==> flow/design.v <==
module cpu_mul_core_blk #(
    parameter integer DWIDTH = 16,
    parameter integer KVAL = 683,
    parameter integer RW = DWIDTH + $clog2(KVAL + 1)
) (
    input  core_clk,
    input  rst_n,
    input  [DWIDTH-1:0] in_A,
    output [RW-1:0] out_prod
);
    reg [DWIDTH-1:0] r_A;
    reg [RW-1:0] r_prod;
    always @(posedge core_clk or negedge rst_n) begin
        if (!rst_n) begin
            r_A <= 0;
            r_prod <= 0;
        end else begin
            r_A <= in_A;
            r_prod <= r_A * KVAL;
        end
    end
    assign out_prod = r_prod;
endmodule
* Tool chain data of cpu_mul_core_blk
Tool output for the design above, in the order of the flow.
Lines are those of the file above, counted from 1.
Cell names lack the library's common part.
A cell with - has no value.
- Design top :: cpu_mul_core_blk
- Clock :: core_clk
- Library :: sky130hd
- Corner :: tt_025C_1v80

* After elaboration
Source: Yosys, flattened and elaborated, memories not mapped. Widths are those after wreduce; folded enables and synchronous resets count as part of the registers. Registers that Yosys merges into a memory's read port (data or address) are not register bits. Print and check cells do not count. Equal cells are merged and count once.
- Multiply operators :: 1
** Operators with widths (count)
- multiplier 16 x 10 -> 26 bit with constant B :: 1
- Word-level cells :: 3
- Output and inout bits :: 26
- Input bits :: 18
- Register bits after elaboration :: 42

* Depth
Yosys ltp: most cells in a row. Word level: on the elaborated netlist, between registers, memories and ports. Mapped: between sequential cells and ports; inverters and the memories' decode and read muxes count.
- Word-level depth :: 1
- ABC_AREA :: 0
- Gate-level depth with buffers :: 17
- Depth with buffers taken out :: 17

* Mapped cells and area
Source: synth_stat.txt of the flow (Yosys; design flattened, memories mapped). It holds for the ABC_AREA given above (unset counts as 0); a run with the other value may have another netlist.
- Sequential part of the area :: 1051.0 um2
- Mapped flip-flops :: 42
- Buffers :: 1
- Synthesis area :: 4395.5 um2
- Cell count :: 424
** Cells by type
- dfrtp_1 :: count 42, total area 1.05E+03 um2
- ha_1 :: count 82, total area 1.03E+03 um2
- fa_1 :: count 45, total area 900.864 um2
- inv_1 :: count 107, total area 401.635 um2
- xnor2_1 :: count 13, total area 113.859 um2
- a21oi_1 :: count 20, total area 100.096 um2
- xor2_1 :: count 8, total area 70.067 um2
- a21o_1 :: count 8, total area 60.058 um2
- o21ai_0 :: count 11, total area 55.053 um2
- o21bai_1 :: count 6, total area 45.043 um2
- nand2_1 :: count 11, total area 41.29 um2
- a211oi_1 :: count 5, total area 37.536 um2
- nor2_1 :: count 10, total area 37.536 um2
- o21a_1 :: count 4, total area 30.029 um2
- nor3_1 :: count 4, total area 20.019 um2
- and2_1 :: count 3, total area 18.768 um2
- nand4_1 :: count 3, total area 18.768 um2
- a41oi_2 :: count 1, total area 16.266 um2
Other cell types: 36; their cells: 41.

* Worst setup path after synthesis
Source: OpenSTA report_checks on the synthesized netlist (no wires, ideal clock, input and output delay 20% of the period each), path of least setup slack; recovery checks are left aside. Register names are those of the netlist, which keeps one name where synthesis merged equal registers.
- Kind :: reg-to-reg
- Start :: register r_A[4]
- End :: register r_prod[23]
- Path delay :: 4.527 ns
- Time at the first pin :: 0.000 ns
- Required time :: 5.564 ns
- Clock period :: 5.66 ns
- Path buffers :: 0
- Library setup time :: 0.096 ns
- Slack :: 1.133 ns
- Stages :: 17
- Arrival time :: 4.431 ns
- Synthesis period reached :: 4.527 ns
"path delay" is the arrival time less input delay plus setup time.
"stages" counts driving pins, that of a launching flip-flop among them; a cell with two outputs on the path counts twice.
"synthesis period reached" = period - worst setup slack (recovery checks aside). The figure is calculated, with input and output delays left at 20% of the set period.
The rows between start and end are the longest chain of elaborated cells between them; the timing report does not say that the signal goes this way. Where chains are equally long, one stands for them.
Each line given opens the expression or statement behind the cell; cells for indexed reads and writes are added by Yosys, which also makes memories of some case tables.
- Cell sequence :: dfrtp_1 ha_1 inv_1 fa_1 fa_1 inv_1 fa_1 inv_1 fa_1 inv_1 ha_1 a21o_4 o31a_1 a41o_1 a41oi_2 o31ai_2 a311oi_2
- Cells in the longest elaborated chain :: 1
- Elaborated cells on any way between the ends :: 1
- RTL lines with such cells :: 1
- Classes of those cells :: mul (1)
** Ends and longest elaborated chain, post-synthesis
- start: declaration :: RTL line 11 : reg [DWIDTH-1:0] r_A;
- start: assignment :: RTL line 15 : r_A <= 0;
- start: assignment :: RTL line 18 : r_A <= in_A;
- multiplier 16 x 10 -> 26 bit :: RTL line 19 : r_prod <= r_A * KVAL;
- end: assignment :: RTL line 16 : r_prod <= 0;
- end: assignment :: RTL line 19
- end: declaration :: RTL line 12 : reg [RW-1:0] r_prod;

* Path in the finished layout
Path of least setup slack in the final report of job 1 (OpenROAD, finished layout, wires in). Where an end is a register, its clock arrival counts in the times.
- Kind :: reg-to-reg
- Start :: register r_A[5]
- End :: register r_prod[23]
- Path buffers :: 0
- Required time :: 3.87 ns
- Arrival time :: 4.64 ns
- Library setup time :: 0.09 ns
- Stages :: 17
- Clock period :: 3.67 ns
- Time at the first pin :: 0.28 ns
- Slack :: -0.77 ns
The rows between start and end are the longest chain of elaborated cells between them; the timing report does not say that the signal goes this way. Where chains are equally long, one stands for them.
- Cell sequence :: dfrtp_2 ha_4 inv_2 fa_1 fa_1 inv_1 fa_1 inv_2 fa_1 inv_2 ha_4 and3_4 o31a_1 a41o_1 a41oi_4 o31ai_4 a311oi_2
- Cells in the longest elaborated chain :: 1
- Elaborated cells on any way between the ends :: 1
- RTL lines with such cells :: 1
- Classes of those cells :: mul (1)
** Ends and longest elaborated chain, post-layout
- start: declaration :: RTL line 11 : reg [DWIDTH-1:0] r_A;
- start: assignment :: RTL line 15 : r_A <= 0;
- start: assignment :: RTL line 18 : r_A <= in_A;
- multiplier 16 x 10 -> 26 bit :: RTL line 19 : r_prod <= r_A * KVAL;
- end: assignment :: RTL line 16 : r_prod <= 0;
- end: assignment :: RTL line 19
- end: declaration :: RTL line 12 : reg [RW-1:0] r_prod;

Appendix: measured runs

Below are 3 stored runs of the flow (Yosys, OpenROAD; platform sky130hd) on cpu_mul_core_blk, each with its settings and what was measured, unordered. Constraints: input delay and output delay 20% of the set period each, output load 0.01 pF.
"reached clock period" means the clock period less the worst setup slack. The figure is calculated, with input and output delays left at 20% of the set period.
"worst setup path time" = time allowed to the worst setup path (clock period - input delay - output delay, where it has them) - its slack; a late launch clock adds to it, a late capture clock takes from it.
"total power after layout": no workload was simulated; the value follows from the tool's default switching activity.

* Job 1
** Files
==> flow/run.sh <==
#!/bin/bash
# the make line also repeats the synthesis and layout settings of config.mk as NAME=value (left out here)
make -C /OpenROAD-flow-scripts/flow DESIGN_CONFIG=/design/flow/config.mk WORK_HOME=/design/flow/orfs CLKGATE_MAP_FILE= finish
==> flow/config.mk <==
export PLATFORM = sky130hd
export DESIGN_NAME = cpu_mul_core_blk
export DESIGN_NICKNAME = cpu_mul_core_blk
export VERILOG_FILES = /design/flow/design.v
export SDC_FILE = /design/flow/constraint.sdc
export NUM_CORES = 4
export LEC_CHECK = 0
export CAP_MARGIN = 10
export CORE_MARGIN = 2
export CORE_UTILIZATION = 46
export CTS_CLUSTER_DIAMETER = 107
export GPL_ROUTABILITY_DRIVEN = 0
export PLACE_DENSITY_LB_ADDON = 0.13
export SLEW_MARGIN = 5
export TNS_END_PERCENT = 80
==> flow/constraint.sdc <==
create_clock -name core_clock -period 3.67 [get_ports {core_clk}]
set_input_delay 0.7340 -clock core_clock [delete_from_list [all_inputs] [get_ports {core_clk}]]
set_output_delay 0.7340 -clock core_clock [all_outputs]
set_load 0.01 [all_outputs]
** Results
- Standard-cell area after layout :: 6359.9 um2
- Total power after layout :: 0.006449 W
- Reached clock period :: 4.445 ns
- Utilization of the finished layout :: 0.688
- Worst setup path time :: 4.44 ns
- Kind of the worst setup path :: reg-to-reg
- Netlist area reported by Yosys :: 4395.5 um2
- Worst setup slack after layout :: -0.775 ns
- Overall die area :: 10353.1 um2
- Setup total negative slack :: -8.775 ns

* Job 2
** Files
==> flow/run.sh <==
#!/bin/bash
# the make line also repeats the synthesis and layout settings of config.mk as NAME=value (left out here)
make -C /OpenROAD-flow-scripts/flow DESIGN_CONFIG=/design/flow/config.mk WORK_HOME=/design/flow/orfs CLKGATE_MAP_FILE= finish
==> flow/config.mk <==
export PLATFORM = sky130hd
export DESIGN_NAME = cpu_mul_core_blk
export DESIGN_NICKNAME = cpu_mul_core_blk
export VERILOG_FILES = /design/flow/design.v
export SDC_FILE = /design/flow/constraint.sdc
export NUM_CORES = 4
export LEC_CHECK = 0
export CAP_MARGIN = 20
export CORE_MARGIN = 2
export CORE_UTILIZATION = 40
export SLEW_MARGIN = 20
==> flow/constraint.sdc <==
create_clock -name core_clock -period 5.66 [get_ports {core_clk}]
set_input_delay 1.1320 -clock core_clock [delete_from_list [all_inputs] [get_ports {core_clk}]]
set_output_delay 1.1320 -clock core_clock [all_outputs]
set_load 0.01 [all_outputs]
** Results
- Standard-cell area after layout :: 5081.1 um2
- Total power after layout :: 0.002817 W
- Reached clock period :: 4.821 ns
- Utilization of the finished layout :: 0.471
- Worst setup path time :: 4.82 ns
- Kind of the worst setup path :: reg-to-reg
- Netlist area reported by Yosys :: 4395.5 um2
- Worst setup slack after layout :: 0.839 ns
- Overall die area :: 11842.9 um2
- Setup total negative slack :: 0.000 ns

* Job 3
** Files
==> flow/run.sh <==
#!/bin/bash
# the make line also repeats the synthesis and layout settings of config.mk as NAME=value (left out here)
make -C /OpenROAD-flow-scripts/flow DESIGN_CONFIG=/design/flow/config.mk WORK_HOME=/design/flow/orfs CLKGATE_MAP_FILE= finish
==> flow/config.mk <==
export PLATFORM = sky130hd
export DESIGN_NAME = cpu_mul_core_blk
export DESIGN_NICKNAME = cpu_mul_core_blk
export VERILOG_FILES = /design/flow/design.v
export SDC_FILE = /design/flow/constraint.sdc
export NUM_CORES = 4
export LEC_CHECK = 0
export CAP_MARGIN = 20
export CORE_MARGIN = 2
export CORE_UTILIZATION = 29
export CTS_CLUSTER_SIZE = 54
export GPL_ROUTABILITY_DRIVEN = 0
export MAX_ROUTING_LAYER = met4
export PLACE_DENSITY_LB_ADDON = 0.06
export SETUP_SLACK_MARGIN = 0.18
export SLEW_MARGIN = 20
==> flow/constraint.sdc <==
create_clock -name core_clock -period 3.92 [get_ports {core_clk}]
set_input_delay 0.7840 -clock core_clock [delete_from_list [all_inputs] [get_ports {core_clk}]]
set_output_delay 0.7840 -clock core_clock [all_outputs]
set_load 0.01 [all_outputs]
** Results
- Standard-cell area after layout :: 6632.6 um2
- Total power after layout :: 0.006463 W
- Reached clock period :: 4.386 ns
- Utilization of the finished layout :: 0.453
- Worst setup path time :: 4.39 ns
- Kind of the worst setup path :: reg-to-reg
- Netlist area reported by Yosys :: 4395.5 um2
- Worst setup slack after layout :: -0.466 ns
- Overall die area :: 16157.0 um2
- Setup total negative slack :: -4.633 ns
